==> flow/design.v <==
module core_switch #(
    parameter int WD = 2
) (
    input  logic ck,
    input  logic valid,
    input  logic [WD-1:0] in_ch0,
    input  logic [WD-1:0] in_ch1,
    input  logic [WD-1:0] in_ch2,
    input  logic [WD-1:0] in_ch3,
    input  logic [WD-1:0] in_ch4,
    input  logic [WD-1:0] in_ch5,
    input  logic [WD-1:0] in_ch6,
    input  logic [WD-1:0] in_ch7,
    input  logic [WD-1:0] in_ch8,
    input  logic [WD-1:0] in_ch9,
    input  logic [WD-1:0] in_ch10,
    input  logic [WD-1:0] in_ch11,
    input  logic [WD-1:0] in_ch12,
    input  logic [WD-1:0] in_ch13,
    input  logic [WD-1:0] in_ch14,
    input  logic [WD-1:0] in_ch15,
    input  logic [3:0] in_select,
    output logic [WD-1:0] out_dout
);
    logic [WD-1:0] ch0_s;
    logic [WD-1:0] ch1_s;
    logic [WD-1:0] ch2_s;
    logic [WD-1:0] ch3_s;
    logic [WD-1:0] ch4_s;
    logic [WD-1:0] ch5_s;
    logic [WD-1:0] ch6_s;
    logic [WD-1:0] ch7_s;
    logic [WD-1:0] ch8_s;
    logic [WD-1:0] ch9_s;
    logic [WD-1:0] ch10_s;
    logic [WD-1:0] ch11_s;
    logic [WD-1:0] ch12_s;
    logic [WD-1:0] ch13_s;
    logic [WD-1:0] ch14_s;
    logic [WD-1:0] ch15_s;
    logic [3:0] select_s;
    always_ff @(posedge ck) begin
        if (valid) begin
            ch0_s <= in_ch0;
            ch1_s <= in_ch1;
            ch2_s <= in_ch2;
            ch3_s <= in_ch3;
            ch4_s <= in_ch4;
            ch5_s <= in_ch5;
            ch6_s <= in_ch6;
            ch7_s <= in_ch7;
            ch8_s <= in_ch8;
            ch9_s <= in_ch9;
            ch10_s <= in_ch10;
            ch11_s <= in_ch11;
            ch12_s <= in_ch12;
            ch13_s <= in_ch13;
            ch14_s <= in_ch14;
            ch15_s <= in_ch15;
            select_s <= in_select;
        end
    end
    logic [WD-1:0] r;
    always_comb begin
        case (select_s)
            4'd0: r = ch0_s;
            4'd1: r = ch1_s;
            4'd2: r = ch2_s;
            4'd3: r = ch3_s;
            4'd4: r = ch4_s;
            4'd5: r = ch5_s;
            4'd6: r = ch6_s;
            4'd7: r = ch7_s;
            4'd8: r = ch8_s;
            4'd9: r = ch9_s;
            4'd10: r = ch10_s;
            4'd11: r = ch11_s;
            4'd12: r = ch12_s;
            4'd13: r = ch13_s;
            4'd14: r = ch14_s;
            default: r = ch15_s;
        endcase
    end
    always_ff @(posedge ck) begin
        if (valid) begin
            out_dout <= r;
        end
    end
endmodule
== From RTL to reports: core_switch ==
The steps from the RTL of core_switch to its reports follow in flow order.
Lines are those of the file above, counted from 1.
Cell names lack the library's common part.
The mark - stands for no value.
Inputs
  top: core_switch
  clock input: ck
  standard-cell library: sky130hd
  library corner: tt_025C_1v80

== After elaboration ==
Source: Yosys, flattened and elaborated, memories not mapped. Widths are those after wreduce; folded enables and synchronous resets count as part of the registers. Registers that Yosys merges into a memory's read port (data or address) are not register bits. Print and check cells do not count. Equal cells are merged and count once.
Cells by class
  multiplexer cells: 1
  equality and inequality tests: 14
  reduce/logical cells: 1
Operators with widths (count)
  case mux 2 bit (select 15 bit): 1
  equality test 4 bit (second input constant): 7
  equality test 4 x 3 -> 1 bit (second input constant): 4
  equality test 4 x 2 -> 1 bit (second input constant): 2
  equality test 4 x 1 -> 1 bit (second input constant): 1
  zero test 4 bit: 1
Bit counts
  bits in registers: 38
  output and inout port bits: 2

== Logic depth ==
Yosys ltp: most cells in a row. Word level: on the elaborated netlist, between registers, memories and ports. Mapped: between sequential cells and ports; inverters and the memories' decode and read muxes count.
Depth
  depth after elaboration: 2
  ABC_AREA: 0
  gate-level depth with buffers: 7
  depth with buffers taken out: 5

== After synthesis ==
Source: synth_stat.txt of the flow (Yosys; design flattened, memories mapped). It holds for the ABC_AREA given above (unset counts as 0); a run with the other value may have another netlist.
Synthesis totals
  cell area after synthesis: 0.0015052 mm²
  mapped cells: 94
  mapped flip-flops: 38
  area of sequential cells: 0.0011411 mm²
Cell types
  edfxtp_1: count 38, total area 1.14E+03 µm²
  mux2i_1: count 5, total area 50.048 µm²
  a21oi_1: count 7, total area 35.034 µm²
  nand2_1: count 7, total area 26.275 µm²
  mux2_1: count 2, total area 22.522 µm²
  nor2_1: count 5, total area 18.768 µm²
  a22oi_1: count 2, total area 15.014 µm²
  buf_4: count 2, total area 15.014 µm²
  nand3_1: count 3, total area 15.014 µm²
  nor3_1: count 3, total area 15.014 µm²
  a211oi_2: count 1, total area 12.512 µm²
  buf_6: count 1, total area 11.261 µm²
  nor3_2: count 1, total area 10.01 µm²
  nor4bb_1: count 1, total area 10.01 µm²
  o21ai_1: count 2, total area 10.01 µm²
  a22o_1: count 1, total area 8.758 µm²
  a41oi_1: count 1, total area 8.758 µm²
  and2_4: count 1, total area 8.758 µm²
Other cell types: 11; their cells: 11.

== Path before layout ==
OpenSTA on the mapped netlist: ideal clock, no wires. The path of least setup slack (recovery checks aside). Input and output delay are each 20% of the period. Register names are those of the netlist, which keeps one name where synthesis merged equal registers.
Timing path after synthesis
  path kind: reg2reg
  from: reg select_s[2]
  to: reg out_dout[1]
  stages on the path: 7
  clock period: 1.91 ns
  slack: 0.383 ns
  data arrival time: 1.271 ns
  delay of the path: 1.527 ns
  synthesis period reached: 1.527 ns
"delay of the path" = arrival - input delay + setup time.
"stages on the path": output pins that drive a net of the path, with the launching flip-flop's if there is one; two outputs of one cell count as two.
"synthesis period reached" is the clock period less the worst setup slack; recovery checks do not enter. This is arithmetic on one report: input and output delays are still those of the set period (20% each).
The rows between start and end are the longest chain of elaborated cells between them; the timing report does not say that the signal goes this way. Where chains are equally long, one stands for them.
Each line given opens the expression or statement behind the cell; cells for indexed reads and writes are added by Yosys, which also makes memories of some case tables.
Between the ends, after synthesis
  cells stage by stage: edfxtp_1 -> buf_6 -> and2_4 -> a22o_1 -> a211oi_2 -> a21oi_1 -> o22a_1
  length of the longest elaborated chain: 2
  elaborated cells between the ends (all ways): 16
  source lines of those cells: 1
Ends and longest elaborated chain, after synthesis
  from (decl): line 41  | logic [3:0] select_s;
  from (assign): line 60  | select_s <= in_select;
  equality test 4 bit: line 65  | case (select_s)
  case mux 2 bit (select 15 bit): line 65
  to (assign): line 86  | out_dout <= r;
  to (decl): line 23  | output logic [WD-1:0] out_dout

== Path in the finished layout ==
Path of least setup slack in the final report of flow run 1 (OpenROAD, finished layout, wires in). Where an end is a register, its clock arrival counts in the times.
Timing path after layout
  path kind: reg2reg
  from: reg select_s[0]
  to: reg out_dout[0]
  data arrival time: 1.75 ns
  stages on the path: 6
  clock period: 1.91 ns
  slack: 0.19 ns
The rows between start and end are the longest chain of elaborated cells between them; the timing report does not say that the signal goes this way. Where chains are equally long, one stands for them.
Between the ends, after layout
  cells stage by stage: edfxtp_1 -> mux2_1 -> nand2_1 -> o311ai_1 -> o32ai_1 -> a21oi_1
  length of the longest elaborated chain: 2
  elaborated cells between the ends (all ways): 16
  source lines of those cells: 1
Ends and longest elaborated chain, after layout
  from (decl): line 41  | logic [3:0] select_s;
  from (assign): line 60  | select_s <= in_select;
  equality test 4 bit: line 65  | case (select_s)
  case mux 2 bit (select 15 bit): line 65
  to (assign): line 86  | out_dout <= r;
  to (decl): line 23  | output logic [WD-1:0] out_dout

FLOW RESULTS
============

3 stored runs of core_switch in the flow (synthesis by Yosys, layout by OpenROAD, sky130hd cells), in arbitrary order. Constraints: input delay and output delay 20% of the set period each, output load 0.01 pF.
"reached clock period": clock period set for the run, less the worst setup slack. It is reckoned from that one timing run; input and output delays stay at 20% of the period that was set.
"time on the worst setup path" means the part of the period allowed to the worst setup path (the constraints hold back 20% at inputs and 20% at outputs) less its slack; where the path has registers, the arrival times of their clocks count too.
By "overall power" is meant OpenSTA's value without simulated activity: inputs other than the clock are taken to toggle once in ten clock periods, and the tool carries that through the logic.

==> flow run 1: settings <==
{ "period_ns": 1.91, "CAP_MARGIN": 20, "CORE_MARGIN": 2, "CORE_UTILIZATION": 40, "SLEW_MARGIN": 20 }
==> flow run 1: results <==
worst-case hold slack: 0.583 ns
utilization after routing: 0.56
synthesis area: 0.0015052 mm²
worst setup slack after layout: 0.191 ns
reached clock period: 1.719 ns
total negative slack on setup checks: 0.000 ns
time on the worst setup path: 1.72 ns
class of the worst setup path: reg2reg
standard-cell area after routing: 0.0020357 mm²
die size: 0.00427 mm²
overall power: 1.729 mW

==> flow run 2: settings <==
{ "period_ns": 2.91, "CORE_UTILIZATION": 28, "SETUP_SLACK_MARGIN": 0.2, "PLACE_DENSITY_LB_ADDON": 0.24, "TNS_END_PERCENT": 85, "GPL_TIMING_DRIVEN": 0, "GPL_ROUTABILITY_DRIVEN": 0, "CAP_MARGIN": 20, "CORE_MARGIN": 2, "SLEW_MARGIN": 20 }
==> flow run 2: results <==
worst-case hold slack: 0.570 ns
utilization after routing: 0.411
synthesis area: 0.0015052 mm²
worst setup slack after layout: 1.189 ns
reached clock period: 1.721 ns
total negative slack on setup checks: 0.000 ns
time on the worst setup path: 1.14 ns
class of the worst setup path: reg2out
standard-cell area after routing: 0.0021145 mm²
die size: 0.0059784 mm²
overall power: 1.245 mW

==> flow run 3: settings <==
{ "period_ns": 2.52, "CORE_UTILIZATION": 26, "PLACE_DENSITY_LB_ADDON": 0.19, "CELL_PAD_IN_SITES_DETAIL_PLACEMENT": 0, "GPL_TIMING_DRIVEN": 0, "CTS_CLUSTER_SIZE": 100, "CTS_CLUSTER_DIAMETER": 368, "SLEW_MARGIN": 35, "CAP_MARGIN": 20, "CORE_MARGIN": 2 }
==> flow run 3: results <==
worst-case hold slack: 0.563 ns
utilization after routing: 0.386
synthesis area: 0.0015052 mm²
worst setup slack after layout: 0.770 ns
reached clock period: 1.750 ns
total negative slack on setup checks: 0.000 ns
time on the worst setup path: 1.75 ns
class of the worst setup path: reg2reg
standard-cell area after routing: 0.0021408 mm²
die size: 0.0064136 mm²
overall power: 1.537 mW
